==> flow/design.v <==
module ex_add_core_p #(
    parameter integer DW = 14,
    parameter integer N = 5,
    parameter integer RES_W = DW + $clog2(N)
) (
    input  logic aclk,
    input  logic reset,
    input  logic [N*DW-1:0] in_in,
    output logic [RES_W-1:0] out_res
);
    wire [RES_W-1:0] nd [1:2*N-1];
    generate
        for (genvar gi = 0; gi < N; gi++) begin : row
            assign nd[N+gi] = in_in[gi*DW +: DW];
        end
        for (genvar gi = 1; gi < N; gi++) begin : each
            assign nd[gi] = nd[2*gi] + nd[2*gi+1];
        end
    endgenerate
    always_ff @(posedge aclk or posedge reset) begin
        if (reset) begin
            out_res <= '0;
        end else begin
            out_res <= nd[1];
        end
    end
endmodule
======== Reports on ex_add_core_p ========
Tool output for the design above, in the order of the flow.
Line numbers count from 1 in the design file above.
Operators: Yosys type, input widths -> output width; for muxes data width and select width s.
A cell with - has no value.
design
  design top .............................. ex_add_core_p
  clock port .............................. aclk
  cell library ............................ sky130hd
  timing corner ........................... tt_025C_1v80

======== After elaboration ========
Source: Yosys, flattened and elaborated, memories not mapped. Widths are those after wreduce; folded enables and synchronous resets count as part of the registers. Registers that Yosys merges into a memory's read port (data or address) are not register bits. Print and check cells do not count. Equal cells are merged and count once.
word-level totals
  output and inout port bits .............. 17
  bits of input ports ..................... 72
  cells after elaboration ................. 5
  memories kept ........................... 0
  ROM bits ................................ 0
  memory bits (writable) .................. 0
  register bits after elaboration ......... 17
  bits in latches ......................... 0
  word width x clocked read ports ......... 0
operators by class
  bitwise operators ....................... 0
  shift-type cells ........................ 0
  equal/unequal tests ..................... 0
  multiply operators ...................... 0
  add/subtract/negate cells ............... 4
  order comparisons ....................... 0
  div/mod/pow operators ................... 0
  reductions and logical operators ........ 0
  mux-type cells .......................... 0
operators by type and width
  kind            number
  $add 14x14->15  2
  $add 17x14->17  1
  $add 17x17->17  1

======== Depth ========
Longest topological path by Yosys (ltp), each cell counted once; first at word level (registers and memories cut), then after technology mapping (sequential cells cut; the memories' decode and read muxes count).
logic depth
  depth after elaboration ................. 3
  ABC_AREA ................................ 0
  mapped depth ............................ 18
  depth with buffers taken out ............ 18

======== After synthesis ========
Source: synth_stat.txt of the flow (Yosys; design flattened, memories mapped). It holds for the ABC_AREA given above (unset counts as 0); a run with the other value may have another netlist.
cell types
  cell                       number  area in all (um^2)
  sky130_fd_sc_hd__ha_1      43      538.016
  sky130_fd_sc_hd__dfrtp_1   17      425.408
  sky130_fd_sc_hd__fa_1      17      340.326
  sky130_fd_sc_hd__inv_1     55      206.448
  sky130_fd_sc_hd__a21o_1    26      195.187
  sky130_fd_sc_hd__xnor2_1   17      148.893
  sky130_fd_sc_hd__xor2_1    14      122.618
  sky130_fd_sc_hd__a21oi_1   24      120.115
  sky130_fd_sc_hd__nor2_1    26      97.594
  sky130_fd_sc_hd__o21a_1    8       60.058
  sky130_fd_sc_hd__o21ai_0   9       45.043
  sky130_fd_sc_hd__nand2_1   11      41.29
  sky130_fd_sc_hd__a221oi_2  2       30.029
  sky130_fd_sc_hd__o21bai_1  4       30.029
  sky130_fd_sc_hd__and4_1    3       26.275
  sky130_fd_sc_hd__o31a_1    3       26.275
  sky130_fd_sc_hd__a211oi_1  3       22.522
  sky130_fd_sc_hd__nand3_1   4       20.019
Not listed: further types 22, cells in them 34.
mapped netlist
  sequential part of the area ............. 0.0004254 mm^2
  mapped flip-flops ....................... 17
  buffers ................................. 0
  standard cells after synthesis .......... 320
  mapped area ............................. 0.0027489 mm^2

======== Path before layout ========
Source: OpenSTA report_checks on the synthesized netlist (no wires, ideal clock, input and output delay 20% of the period each), path of least setup slack; recovery checks are left aside. Register names are those of the netlist, which keeps one name where synthesis merged equal registers.
path post-synthesis
  path type ............................... input port to flip-flop
  start ................................... input in_in[42]
  end ..................................... register out_res[15]
  delay of the path ....................... 3.334 ns
  required time ........................... 5.087 ns
  setup slack ............................. 0.834 ns
  launch time at the first pin ............ 1.042 ns
  library setup time ...................... 0.123 ns
  input delay ............................. 1.042 ns
  path buffers ............................ 0
  period .................................. 5.21 ns
  stages on the path ...................... 16
  arrival ................................. 4.253 ns
  synthesis period reached ................ 4.376 ns
"delay of the path" is the arrival time less input delay plus setup time.
"stages on the path": output pins that drive a net of the path, with the launching flip-flop's if there is one; two outputs of one cell count as two.
"synthesis period reached" = period - worst setup slack (recovery checks aside). The figure is calculated, with input and output delays left at 20% of the set period.
Between the ends stands the longest chain of elaborated cells between them, by number of cells; it is not shown to be the way that was timed. Of several equally long chains one is given.
A line is the first line of the expression or statement that the cell stems from. Yosys adds cells for indexed reads and writes and turns some case tables into memories.
between the ends, post-synthesis
  path through ............................ sky130_fd_sc_hd__ha_1 sky130_fd_sc_hd__fa_1 sky130_fd_sc_hd__a21o_1 sky130_fd_sc_hd__a21o_1 sky130_fd_sc_hd__a311oi_2 sky130_fd_sc_hd__nor2_1 sky130_fd_sc_hd__a21oi_1 sky130_fd_sc_hd__xor2_1 sky130_fd_sc_hd__fa_1 sky130_fd_sc_hd__inv_1 sky130_fd_sc_hd__ha_1 sky130_fd_sc_hd__a21o_1 sky130_fd_sc_hd__a211o_1 sky130_fd_sc_hd__o22ai_1 sky130_fd_sc_hd__a21oi_1 sky130_fd_sc_hd__xnor2_1
  cells in the longest elaborated chain ... 3
  elaborated cells on any way between the ends .. 3
  RTL lines with such cells ............... 1
  those cells by class .................... add/sub (3)
ends and longest elaborated chain, post-synthesis
  what             RTL line  RTL
  start, declared  8         input  logic [N*DW-1:0] in_in,
  $add 14x14->15   17        assign nd[gi] = nd[2*gi] + nd[2*gi+1];
  $add 17x14->17   17
  $add 17x17->17   17
  end, assigned    22        out_res <= '0;
  end, assigned    24        out_res <= nd[1];
  end, declared    9         output logic [RES_W-1:0] out_res

======== Timing after layout ========
From the final timing report of run A: the path of least setup slack in the routed layout; clock arrival at registers is part of the times.
path post-layout
  path type ............................... input port to flip-flop
  start ................................... input in_in[42]
  end ..................................... register out_res[13]
  arrival ................................. 4.95 ns
  path buffers ............................ 1
  input delay ............................. 1.04 ns
  required time ........................... 5.33 ns
  stages on the path ...................... 16
  setup slack ............................. 0.39 ns
  launch time at the first pin ............ 1.04 ns
  period .................................. 5.21 ns
  library setup time ...................... 0.12 ns
Between the ends stands the longest chain of elaborated cells between them, by number of cells; it is not shown to be the way that was timed. Of several equally long chains one is given.
between the ends, post-layout
  path through ............................ sky130_fd_sc_hd__clkdlybuf4s50_1 sky130_fd_sc_hd__ha_1 sky130_fd_sc_hd__fa_1 sky130_fd_sc_hd__a21o_1 sky130_fd_sc_hd__a21o_1 sky130_fd_sc_hd__a311oi_2 sky130_fd_sc_hd__nor2_1 sky130_fd_sc_hd__xnor2_1 sky130_fd_sc_hd__fa_1 sky130_fd_sc_hd__inv_1 sky130_fd_sc_hd__ha_1 sky130_fd_sc_hd__a21o_1 sky130_fd_sc_hd__a21o_1 sky130_fd_sc_hd__o21ai_1 sky130_fd_sc_hd__a21oi_1 sky130_fd_sc_hd__xor2_1
  cells in the longest elaborated chain ... 3
  elaborated cells on any way between the ends .. 3
  RTL lines with such cells ............... 1
  those cells by class .................... add/sub (3)
ends and longest elaborated chain, post-layout
  what             RTL line  RTL
  start, declared  8         input  logic [N*DW-1:0] in_in,
  $add 14x14->15   17        assign nd[gi] = nd[2*gi] + nd[2*gi+1];
  $add 17x14->17   17
  $add 17x17->17   17
  end, assigned    22        out_res <= '0;
  end, assigned    24        out_res <= nd[1];
  end, declared    9         output logic [RES_W-1:0] out_res

Flow measurements of ex_add_core_p on sky130hd: 3 stored runs with different settings, listed in no order. Input and output delays are each 20% of the period that was set; the output load is 0.01 pF.
"achieved period" is the run's clock period less its worst setup slack. It is reckoned from that one timing run; input and output delays stay at 20% of the period that was set.
"critical setup path time" means the part of the period allowed to the worst setup path (the constraints hold back 20% at inputs and 20% at outputs) less its slack; where the path has registers, the arrival times of their clocks count too.
By "overall power" is meant OpenSTA's value without simulated activity: inputs other than the clock are taken to toggle once in ten clock periods, and the tool carries that through the logic.

---- run A ----
settings
  period_ns = 5.21
  CAP_MARGIN = 20
  CORE_MARGIN = 2
  CORE_UTILIZATION = 40
  SLEW_MARGIN = 20
results
  utilization in the final report ......... 56.3 %
  die footprint ........................... 0.0075516 mm^2
  standard-cell area after layout ......... 0.0037824 mm^2
  critical setup path time ................ 3.78 ns
  worst setup path kind ................... input port to flip-flop
  setup slack of the critical path ........ 0.385 ns
  achieved period ......................... 4.825 ns
  overall power ........................... 1310 uW
  summed negative setup slack ............. 0.000 ns
  netlist area reported by Yosys .......... 0.0027489 mm^2

---- run B ----
settings
  period_ns = 2.67
  CORE_UTILIZATION = 47
  SETUP_SLACK_MARGIN = -0.17
  PLACE_DENSITY = 0.58
  CELL_PAD_IN_SITES_GLOBAL_PLACEMENT = 2
  TNS_END_PERCENT = 10
  ABC_AREA = 1
  GPL_ROUTABILITY_DRIVEN = 0
  CTS_CLUSTER_SIZE = 80
  CTS_CLUSTER_DIAMETER = 114
  CAP_MARGIN = 40
  SLEW_MARGIN = 0
  MIN_ROUTING_LAYER = met1
  MAX_ROUTING_LAYER = met4
  CORE_MARGIN = 2
results
  did not finish, placement stopped with GPL-0301

---- run C ----
settings
  period_ns = 4.34
  CORE_UTILIZATION = 61
  SETUP_SLACK_MARGIN = 0.77
  PLACE_DENSITY_LB_ADDON = 0.2
  CORE_ASPECT_RATIO = 1.03
  CELL_PAD_IN_SITES_GLOBAL_PLACEMENT = 1
  GPL_TIMING_DRIVEN = 0
  CTS_CLUSTER_SIZE = 56
  SLEW_MARGIN = 10
  MIN_ROUTING_LAYER = met1
  CAP_MARGIN = 20
  CORE_MARGIN = 2
results
  did not finish, placement stopped with FLW-0024
